==> flow/design.v <==
module ex_addsub_n #(
    parameter integer WD = 10
) (
    input core_clk,
    input rst_n,
    input [WD-1:0] da_in,
    input [WD-1:0] db_in,
    output [WD:0] s_out,
    output [WD:0] result_out
);
    reg [WD-1:0] da_ff;
    reg [WD-1:0] db_ff;
    always @(posedge core_clk or negedge rst_n) begin
        if (!rst_n) begin
            da_ff <= 0;
            db_ff <= 0;
        end else begin
            da_ff <= da_in;
            db_ff <= db_in;
        end
    end
    assign s_out = da_ff + db_ff;
    assign result_out = da_ff - db_ff;
endmodule
---- Step by step through the tools: ex_addsub_n ----
The steps from the RTL of ex_addsub_n to its reports follow in flow order.
Lines are those of the file above, counted from 1.
Cell names lack the library's common part.
The mark n/a stands for no value.
set-up
  top ..................................... ex_addsub_n
  clock port .............................. core_clk
  cell library ............................ sky130hd
  timing corner ........................... tt_025C_1v80

---- Elaborated design ----
Yosys after proc, flatten, opt, wreduce and memory -nomap, before mapping. Enables and synchronous resets that opt folds into registers are not counted as muxes. Memory bits, and registers merged into a memory's read port (data or address), are not among the register bits. Print and check cells are not counted. Equal cells are merged and count once.
cells by class
  add/subtract/negate cells ............... 2
operators by type and width
  kind                                            count
  10-bit by 10-bit adder with 11-bit output       1
  10-bit by 10-bit subtractor with 11-bit output  1
bit counts
  register bits after elaboration ......... 20
  bits of input ports ..................... 22
  output and inout port bits .............. 22
  word-level cells ........................ 4

---- Logic depth ----
Yosys ltp: most cells in a row. Word level: on the elaborated netlist, between registers, memories and ports. Mapped: between sequential cells and ports; inverters and the memories' decode and read muxes count.
logic depth
  depth in word-level cells ............... 1
  ABC_AREA ................................ 1
  mapped depth ............................ 11
  mapped depth without buffers ............ 11

---- Mapped cells and area ----
Yosys stat after the flow's synthesis: flattened, memories mapped to cells. It holds for the ABC_AREA given above (unset counts as 0); a run with the other value may have another netlist.
The area totals of this step are shown rounded.
cell types
  type      count  area in all (um2)
  dfrtp_1   20     500.48
  ha_1      20     250.24
  nand2_1   49     183.926
  inv_1     32     120.115
  xor2_1    9      78.826
  nand3_1   14     70.067
  fa_1      2      40.038
  nor2_1    10     37.536
  a21oi_1   7      35.034
  a21oi_2   4      35.034
  nand2_2   5      31.28
  buf_6     2      22.522
  o21bai_4  1      18.768
  a21o_1    2      15.014
  inv_2     4      15.014
  nor3_1    3      15.014
  nor2_4    1      11.261
  buf_2     2      10.01
Not listed: further types 8, cells in them 9.
synthesis totals
  standard cells after synthesis .......... 196
  mapped area ............................. 1500 um2
  sequential part of the area ............. 500 um2
  flip-flops .............................. 20
  buffers ................................. 5

---- Timing after synthesis ----
Source: OpenSTA report_checks on the synthesized netlist (no wires, ideal clock, input and output delay 20% of the period each), path of least setup slack; recovery checks are left aside. Register names are those of the netlist, which keeps one name where synthesis merged equal registers.
timing path after synthesis
  path kind ............................... register to output
  from .................................... reg da_ff[0]
  to ...................................... out result_out[6]
  period .................................. 2.91 ns
  external output delay ................... 0.582 ns
  time at the first pin ................... 0.000 ns
  data arrival time ....................... 1.562 ns
  required time ........................... 2.328 ns
  setup slack ............................. 0.766 ns
  path delay .............................. 1.562 ns
  stages on the path ...................... 9
  path buffers ............................ 0
  synthesis period reached ................ 2.144 ns
"path delay" is the arrival time less input delay plus setup time.
A path that ends at an output port has no setup time.
"stages on the path" counts driving pins, that of a launching flip-flop among them; a cell with two outputs on the path counts twice.
"synthesis period reached" is the clock period less the worst setup slack; recovery checks do not enter. This is arithmetic on one report: input and output delays are still those of the set period (20% each).
Between the ends stands the longest chain of elaborated cells between them, by number of cells; it is not shown to be the way that was timed. Of several equally long chains one is given.
A line is the first line of the expression or statement that the cell stems from. Yosys adds cells for indexed reads and writes and turns some case tables into memories.
on the way, after synthesis
  path through ............................ dfrtp_1 > inv_1 > ha_1 > inv_1 > fa_1 > nand3_1 > nand2_2 > a21oi_2 > xor2_1
  length of the longest elaborated chain .. 1
  elaborated cells between the ends (all ways) .. 1
  RTL lines with such cells ............... 1
  those cells by class .................... add/sub: 1
ends and longest elaborated chain, after synthesis
  item                                            line  text
  start, declared                                 11    reg [WD-1:0] da_ff;
  start, assigned                                 15    da_ff <= 0;
  start, assigned                                 18    da_ff <= da_in;
  10-bit by 10-bit subtractor with 11-bit output  23    assign result_out = da_ff - db_ff;
  end, declared                                   9     output [WD:0] result_out

---- Path in the finished layout ----
From the final timing report of run A: the path of least setup slack in the routed layout; clock arrival at registers is part of the times.
timing path post-layout
  path kind ............................... register to output
  from .................................... reg da_ff[0]
  to ...................................... out s_out[10]
  period .................................. 4.07 ns
  external output delay ................... 0.81 ns
  time at the first pin ................... 0.26 ns
  data arrival time ....................... 2.44 ns
  required time ........................... 3.26 ns
  setup slack ............................. 0.82 ns
  stages on the path ...................... 12
  path buffers ............................ 1
Between the ends stands the longest chain of elaborated cells between them, by number of cells; it is not shown to be the way that was timed. Of several equally long chains one is given.
on the way, post-layout
  path through ............................ dfrtp_1 > ha_1 > inv_1 > fa_1 > nor2_4 > nor2_2 > o21bai_4 > nand2_1 > nand2_1 > nand2_1 > nand2_1 > clkdlybuf4s50_1
  length of the longest elaborated chain .. 1
  elaborated cells between the ends (all ways) .. 1
  RTL lines with such cells ............... 1
  those cells by class .................... add/sub: 1
ends and longest elaborated chain, post-layout
  item                                       line  text
  start, declared                            11    reg [WD-1:0] da_ff;
  start, assigned                            15    da_ff <= 0;
  start, assigned                            18    da_ff <= da_in;
  10-bit by 10-bit adder with 11-bit output  22    assign s_out = da_ff + db_ff;
  end, declared                              8     output [WD:0] s_out,

Stored flow runs of ex_addsub_n (3 of them; Yosys, OpenROAD, sky130hd). They differ in their settings and are not a sequence. Constraints: input delay and output delay 20% of the set period each, output load 0.01 pF.
"critical setup path time" is the time allowed to the run's worst setup path (the clock period less input and output delay, where it has them) less its slack. Clock arrival times count: a late capture clock shortens it, a late launch clock lengthens it.
By "power consumption" is meant OpenSTA's value without simulated activity: inputs other than the clock are taken to toggle once in ten clock periods, and the tool carries that through the logic.
Results are given in rounded form.

---- run A ----
settings
  period_ns = 4.07
  CORE_UTILIZATION = 31
  SETUP_SLACK_MARGIN = 0.52
  PLACE_DENSITY_LB_ADDON = 0.03
  CORE_ASPECT_RATIO = 0.75
  CELL_PAD_IN_SITES_GLOBAL_PLACEMENT = 1
  ABC_AREA = 1
  SLEW_MARGIN = 25
  MAX_ROUTING_LAYER = met4
  CAP_MARGIN = 20
  CORE_MARGIN = 2
results
  die size ................................ 5600 um2
  critical setup path time ................ 2.44 ns
  class of the worst setup path ........... register to output
  lowest setup slack ...................... 0.82 ns
  power consumption ....................... 630 uW
  netlist area reported by Yosys .......... 1500 um2
  final design utilization ................ 0.42

---- run B ----
settings
  period_ns = 3.83
  CORE_UTILIZATION = 20
  SETUP_SLACK_MARGIN = -0.29
  CELL_PAD_IN_SITES_GLOBAL_PLACEMENT = 0
  CELL_PAD_IN_SITES_DETAIL_PLACEMENT = 1
  TNS_END_PERCENT = 40
  ABC_AREA = 0
  GPL_TIMING_DRIVEN = 0
  GPL_ROUTABILITY_DRIVEN = 1
  CTS_CLUSTER_SIZE = 54
  MIN_ROUTING_LAYER = met1
  CAP_MARGIN = 20
  CORE_MARGIN = 2
  SLEW_MARGIN = 20
results
  die size ................................ 7900 um2
  critical setup path time ................ 2.84 ns
  class of the worst setup path ........... register to output
  lowest setup slack ...................... 0.22 ns
  power consumption ....................... 680 uW
  netlist area reported by Yosys .......... 1400 um2
  final design utilization ................ 0.3

---- run C ----
settings
  period_ns = 2.91
  CAP_MARGIN = 20
  CORE_MARGIN = 2
  CORE_UTILIZATION = 40
  SLEW_MARGIN = 20
results
  die size ................................ 4100 um2
  critical setup path time ................ 2.36 ns
  class of the worst setup path ........... register to output
  lowest setup slack ...................... -0.029 ns
  power consumption ....................... 930 uW
  netlist area reported by Yosys .......... 1400 um2
  final design utilization ................ 0.63
